==> flow/design.v <==
module gen_mult_p #(
  parameter integer BITS = 11
) (
  input  wire clock,
  input  wire srst,
  input  wire step,
  input  wire [BITS-1:0] in0_i,
  input  wire [BITS-1:0] in1_i,
  input  wire [2*BITS-1:0] in2_i,
  output reg [2*BITS:0] p_o
);
  always @(posedge clock) begin
    if (srst) begin
      p_o <= 0;
    end else if (step) begin
      p_o <= in0_i * in1_i + in2_i;
    end
  end
endmodule
Step by step through the tools: gen_mult_p
Tool output for the design above, in the order of the flow. Line numbers count from 1 in the design file above. Operators: Yosys type, input widths -> output width; for muxes data width and select width s. Not given: -

Top module: gen_mult_p. Clock port: clock. Standard-cell library: sky130hd. Corner: tt_025C_1v80.

Elaborated design
Source: Yosys, flattened and elaborated, memories not mapped. Widths are those after wreduce; folded enables and synchronous resets count as part of the registers. Registers that Yosys merges into a memory's read port (data or address) are not register bits. Print and check cells do not count. Equal cells are merged and count once.

Under $add $sub $neg stands 1. Under equal/unequal tests stands 0. Under div/mod/pow operators stands 0. Under $mul stands 1. Under mux-type cells stands 0. The figure for bitwise operators is 0. $lt $le $gt $ge: 0. The figure for shifts and indexed selects is 0. Under reduce/logical cells stands 0.

Operators by type and width (count): $mul 11x11->22 (1); $add 22x22->23 (1).

For memory bits (read-only) the number is 0. For output and inout bits the number is 23. The figure for input port bits is 47. Under latch bits stands 0. Clocked read ports x word width: 0. The figure for RAM bits is 0. For memories kept the number is 0. For register bits the number is 23.

Longest topological paths
Depth = most cells in a row (Yosys ltp): at word level without a register or memory, in the mapped netlist without a sequential cell, where the memories' decode and read muxes count.

For word-level depth the number is 2. The figure for ABC_AREA is 0. The entry for gate-level depth with buffers reads 19. Depth with buffers taken out: 18.

Mapped cells and area
The flow's flattened synthesis, as Yosys stat reports it; memories are mapped. The netlist is that of the ABC_AREA named above (0 if unset); the other value can give another one. The area totals of this step are shown rounded.

For standard cells after synthesis the number is 662. The entry for flip-flops reads 23. The figure for cell area after synthesis is 5620 sq um. Under buffer cells stands 30.

Cell types: sky130_fd_sc_hd__fa_1 (count 102, area in all 2.04E+03 sq um); sky130_fd_sc_hd__ha_1 (count 59, area in all 738.208 sq um); sky130_fd_sc_hd__inv_1 (count 166, area in all 623.098 sq um); sky130_fd_sc_hd__dfxtp_1 (count 23, area in all 460.442 sq um); sky130_fd_sc_hd__nand2_1 (count 96, area in all 360.346 sq um); sky130_fd_sc_hd__and2_1 (count 45, area in all 281.52 sq um); sky130_fd_sc_hd__mux2i_1 (count 11, area in all 110.106 sq um); sky130_fd_sc_hd__clkbuf_1 (count 25, area in all 93.84 sq um); sky130_fd_sc_hd__nor2_1 (count 25, area in all 93.84 sq um); sky130_fd_sc_hd__xnor2_1 (count 8, area in all 70.067 sq um); sky130_fd_sc_hd__a21oi_1 (count 12, area in all 60.058 sq um); sky130_fd_sc_hd__o21ai_0 (count 11, area in all 55.053 sq um); sky130_fd_sc_hd__nand2b_1 (count 7, area in all 43.792 sq um); sky130_fd_sc_hd__xor2_1 (count 4, area in all 35.034 sq um); sky130_fd_sc_hd__a21o_1 (count 4, area in all 30.029 sq um); sky130_fd_sc_hd__a41oi_4 (count 1, area in all 27.526 sq um); sky130_fd_sc_hd__o311ai_0 (count 3, area in all 26.275 sq um); sky130_fd_sc_hd__nand3_1 (count 5, area in all 25.024 sq um).

Not listed: further types 34, cells in them 55.

Path before layout
OpenSTA on the mapped netlist: ideal clock, no wires. The path of least setup slack (recovery checks aside). Input and output delay are each 20% of the period. Register names are those of the netlist, which keeps one name where synthesis merged equal registers.

Kind: input to register. Start: input port in1_i[7]. End: register p_o[22]. Under library setup time stands 0.072 ns. For setup slack the number is 1.148 ns. The entry for required time reads 7.088 ns. The entry for arrival time reads 5.941 ns. Clock period: 7.16 ns. The entry for buffers on the path reads 2. The entry for delay of the path reads 4.581 ns. Under stages on the path stands 16. For period reached after synthesis the number is 6.012 ns.

"delay of the path" = arrival - input delay + setup time. "stages on the path": output pins that drive a net of the path, with the launching flip-flop's if there is one; two outputs of one cell count as two. "period reached after synthesis" is the clock period less the worst setup slack; recovery checks do not enter. This is arithmetic on one report: input and output delays are still those of the set period (20% each). Between the ends stands the longest chain of elaborated cells between them, by number of cells; it is not shown to be the way that was timed. Of several equally long chains one is given. Each line given opens the expression or statement behind the cell; cells for indexed reads and writes are added by Yosys, which also makes memories of some case tables.

Path through: sky130_fd_sc_hd__clkbuf_1 sky130_fd_sc_hd__nand2_1 sky130_fd_sc_hd__fa_1 sky130_fd_sc_hd__fa_1 sky130_fd_sc_hd__inv_1 sky130_fd_sc_hd__fa_1 sky130_fd_sc_hd__fa_1 sky130_fd_sc_hd__fa_1 sky130_fd_sc_hd__ha_1 sky130_fd_sc_hd__buf_4 sky130_fd_sc_hd__a21o_1 sky130_fd_sc_hd__a211oi_1 sky130_fd_sc_hd__o21ai_0 sky130_fd_sc_hd__a21o_1 sky130_fd_sc_hd__a221oi_2 sky130_fd_sc_hd__mux2i_1. The entry for length of the longest elaborated chain reads 2. Under elaborated cells on any way between the ends stands 2. For source lines of those cells the number is 1. Classes of those cells: add/sub: 1; mul: 1.

RTL lines, path post-synthesis: from (decl) (line 8) `input  wire [BITS-1:0] in1_i,`; $mul 11x11->22 (line 16) `p_o <= in0_i * in1_i + in2_i;`; $add 22x22->23 (line 16); to (assign) (line 14) `p_o <= 0;`; to (assign) (line 16); to (decl) (line 10) `output reg [2*BITS:0] p_o`.

Path in the finished layout
Path of least setup slack in the final report of job 1 (OpenROAD, finished layout, wires in). Where an end is a register, its clock arrival counts in the times.

Kind: input to register. Start: input port in0_i[7]. End: register p_o[20]. The entry for required time reads 7.31 ns. Clock period: 7.16 ns. Under stages on the path stands 17. The entry for arrival time reads 6.83 ns. Under library setup time stands 0.11 ns. For setup slack the number is 0.48 ns. The entry for buffers on the path reads 1.

Between the ends stands the longest chain of elaborated cells between them, by number of cells; it is not shown to be the way that was timed. Of several equally long chains one is given.

Path through: sky130_fd_sc_hd__clkdlybuf4s50_1 sky130_fd_sc_hd__nand2_1 sky130_fd_sc_hd__fa_1 sky130_fd_sc_hd__fa_1 sky130_fd_sc_hd__fa_1 sky130_fd_sc_hd__inv_1 sky130_fd_sc_hd__fa_1 sky130_fd_sc_hd__inv_1 sky130_fd_sc_hd__fa_1 sky130_fd_sc_hd__inv_1 sky130_fd_sc_hd__ha_1 sky130_fd_sc_hd__a211oi_1 sky130_fd_sc_hd__o21ai_0 sky130_fd_sc_hd__o211ai_1 sky130_fd_sc_hd__a211oi_2 sky130_fd_sc_hd__or3_1 sky130_fd_sc_hd__a32o_1. The entry for length of the longest elaborated chain reads 2. Under elaborated cells on any way between the ends stands 2. For source lines of those cells the number is 1. Classes of those cells: add/sub: 1; mul: 1.

RTL lines, path post-layout: from (decl) (line 7) `input  wire [BITS-1:0] in0_i,`; $mul 11x11->22 (line 16) `p_o <= in0_i * in1_i + in2_i;`; $add 22x22->23 (line 16); to (assign) (line 14) `p_o <= 0;`; to (assign) (line 16); to (decl) (line 10) `output reg [2*BITS:0] p_o`.

Lab notebook: gen_mult_p

Top module gen_mult_p; platform sky130hd; tools Yosys and OpenROAD; 3 stored runs in no particular order. Input and output delays are each 20% of the period that was set; the output load is 0.01 pF. "clock period achieved" = clock period - worst setup slack. The figure is calculated, with input and output delays left at 20% of the set period. By "time of the worst setup path" is meant the share of the clock period that the worst setup path is allowed (20% is reserved at inputs, 20% at outputs), minus its slack. Clock arrival times at its registers enter into it. By "power consumption" is meant OpenSTA's value without simulated activity: inputs other than the clock are taken to toggle once in ten clock periods, and the tool carries that through the logic. The measured numbers are rounded.

Files of job 1:
==> flow/run.sh <==
#!/bin/bash
# the make line also repeats the synthesis and layout settings of config.mk as NAME=value (left out here)
make -C /OpenROAD-flow-scripts/flow DESIGN_CONFIG=/design/flow/config.mk WORK_HOME=/design/flow/orfs CLKGATE_MAP_FILE= finish
==> flow/config.mk <==
export PLATFORM = sky130hd
export DESIGN_NAME = gen_mult_p
export DESIGN_NICKNAME = gen_mult_p
export VERILOG_FILES = /design/flow/design.v
export SDC_FILE = /design/flow/constraint.sdc
export NUM_CORES = 4
export LEC_CHECK = 0
export CAP_MARGIN = 20
export CORE_MARGIN = 2
export CORE_UTILIZATION = 40
export SLEW_MARGIN = 20
==> flow/constraint.sdc <==
create_clock -name core_clock -period 7.16 [get_ports {clock}]
set_input_delay 1.4320 -clock core_clock [delete_from_list [all_inputs] [get_ports {clock}]]
set_output_delay 1.4320 -clock core_clock [all_outputs]
set_load 0.01 [all_outputs]

Results of job 1. The clock period achieved comes to 6.683 ns. The measured final setup TNS is 0.000 ns. The post-synthesis cell area stands at 5,620 sq um. The utilization reads 47.0 %. For the smallest setup slack the run shows 0.477 ns. The standard-cell area after routing reads 6,500 sq um. The die footprint reads 15,000 sq um. The time of the worst setup path reads 5.25 ns. Type of the worst setup path: input to register. For the power consumption the run shows 0.00253 W. The lowest hold slack stands at 0.481 ns.

Files of job 2:
==> flow/run.sh <==
#!/bin/bash
# the make line also repeats the synthesis and layout settings of config.mk as NAME=value (left out here)
make -C /OpenROAD-flow-scripts/flow DESIGN_CONFIG=/design/flow/config.mk WORK_HOME=/design/flow/orfs CLKGATE_MAP_FILE= finish
==> flow/config.mk <==
export PLATFORM = sky130hd
export DESIGN_NAME = gen_mult_p
export DESIGN_NICKNAME = gen_mult_p
export VERILOG_FILES = /design/flow/design.v
export SDC_FILE = /design/flow/constraint.sdc
export NUM_CORES = 4
export LEC_CHECK = 0
export CAP_MARGIN = 25
export CORE_MARGIN = 8
export CORE_UTILIZATION = 35
export CTS_CLUSTER_SIZE = 31
export GPL_ROUTABILITY_DRIVEN = 1
export MAX_ROUTING_LAYER = met5
export SLEW_MARGIN = 30
export TNS_END_PERCENT = 75
==> flow/constraint.sdc <==
create_clock -name core_clock -period 11.3 [get_ports {clock}]
set_input_delay 2.2600 -clock core_clock [delete_from_list [all_inputs] [get_ports {clock}]]
set_output_delay 2.2600 -clock core_clock [all_outputs]
set_load 0.01 [all_outputs]

Results of job 2. The clock period achieved comes to 7.398 ns. The measured final setup TNS is 0.000 ns. The post-synthesis cell area stands at 5,620 sq um. The utilization reads 41.5 %. For the smallest setup slack the run shows 3.90 ns. The standard-cell area after routing reads 6,550 sq um. The die footprint reads 20,400 sq um. The time of the worst setup path reads 5.14 ns. Type of the worst setup path: input to register. For the power consumption the run shows 0.00157 W. The lowest hold slack stands at 0.465 ns.

Files of job 3:
==> flow/run.sh <==
#!/bin/bash
# the make line also repeats the synthesis and layout settings of config.mk as NAME=value (left out here)
make -C /OpenROAD-flow-scripts/flow DESIGN_CONFIG=/design/flow/config.mk WORK_HOME=/design/flow/orfs CLKGATE_MAP_FILE= finish
==> flow/config.mk <==
export PLATFORM = sky130hd
export DESIGN_NAME = gen_mult_p
export DESIGN_NICKNAME = gen_mult_p
export VERILOG_FILES = /design/flow/design.v
export SDC_FILE = /design/flow/constraint.sdc
export NUM_CORES = 4
export LEC_CHECK = 0
export CAP_MARGIN = 20
export CELL_PAD_IN_SITES_DETAIL_PLACEMENT = 1
export CORE_ASPECT_RATIO = 1.11
export CORE_MARGIN = 10
export CORE_UTILIZATION = 53
export CTS_CLUSTER_DIAMETER = 135
export CTS_CLUSTER_SIZE = 94
export PLACE_DENSITY_LB_ADDON = 0.06
export SETUP_SLACK_MARGIN = 1.32
export SLEW_MARGIN = 20
==> flow/constraint.sdc <==
create_clock -name core_clock -period 5.69 [get_ports {clock}]
set_input_delay 1.1380 -clock core_clock [delete_from_list [all_inputs] [get_ports {clock}]]
set_output_delay 1.1380 -clock core_clock [all_outputs]
set_load 0.01 [all_outputs]

Outcome of job 3: unfinished; error DPL-0033 in clock tree synthesis.
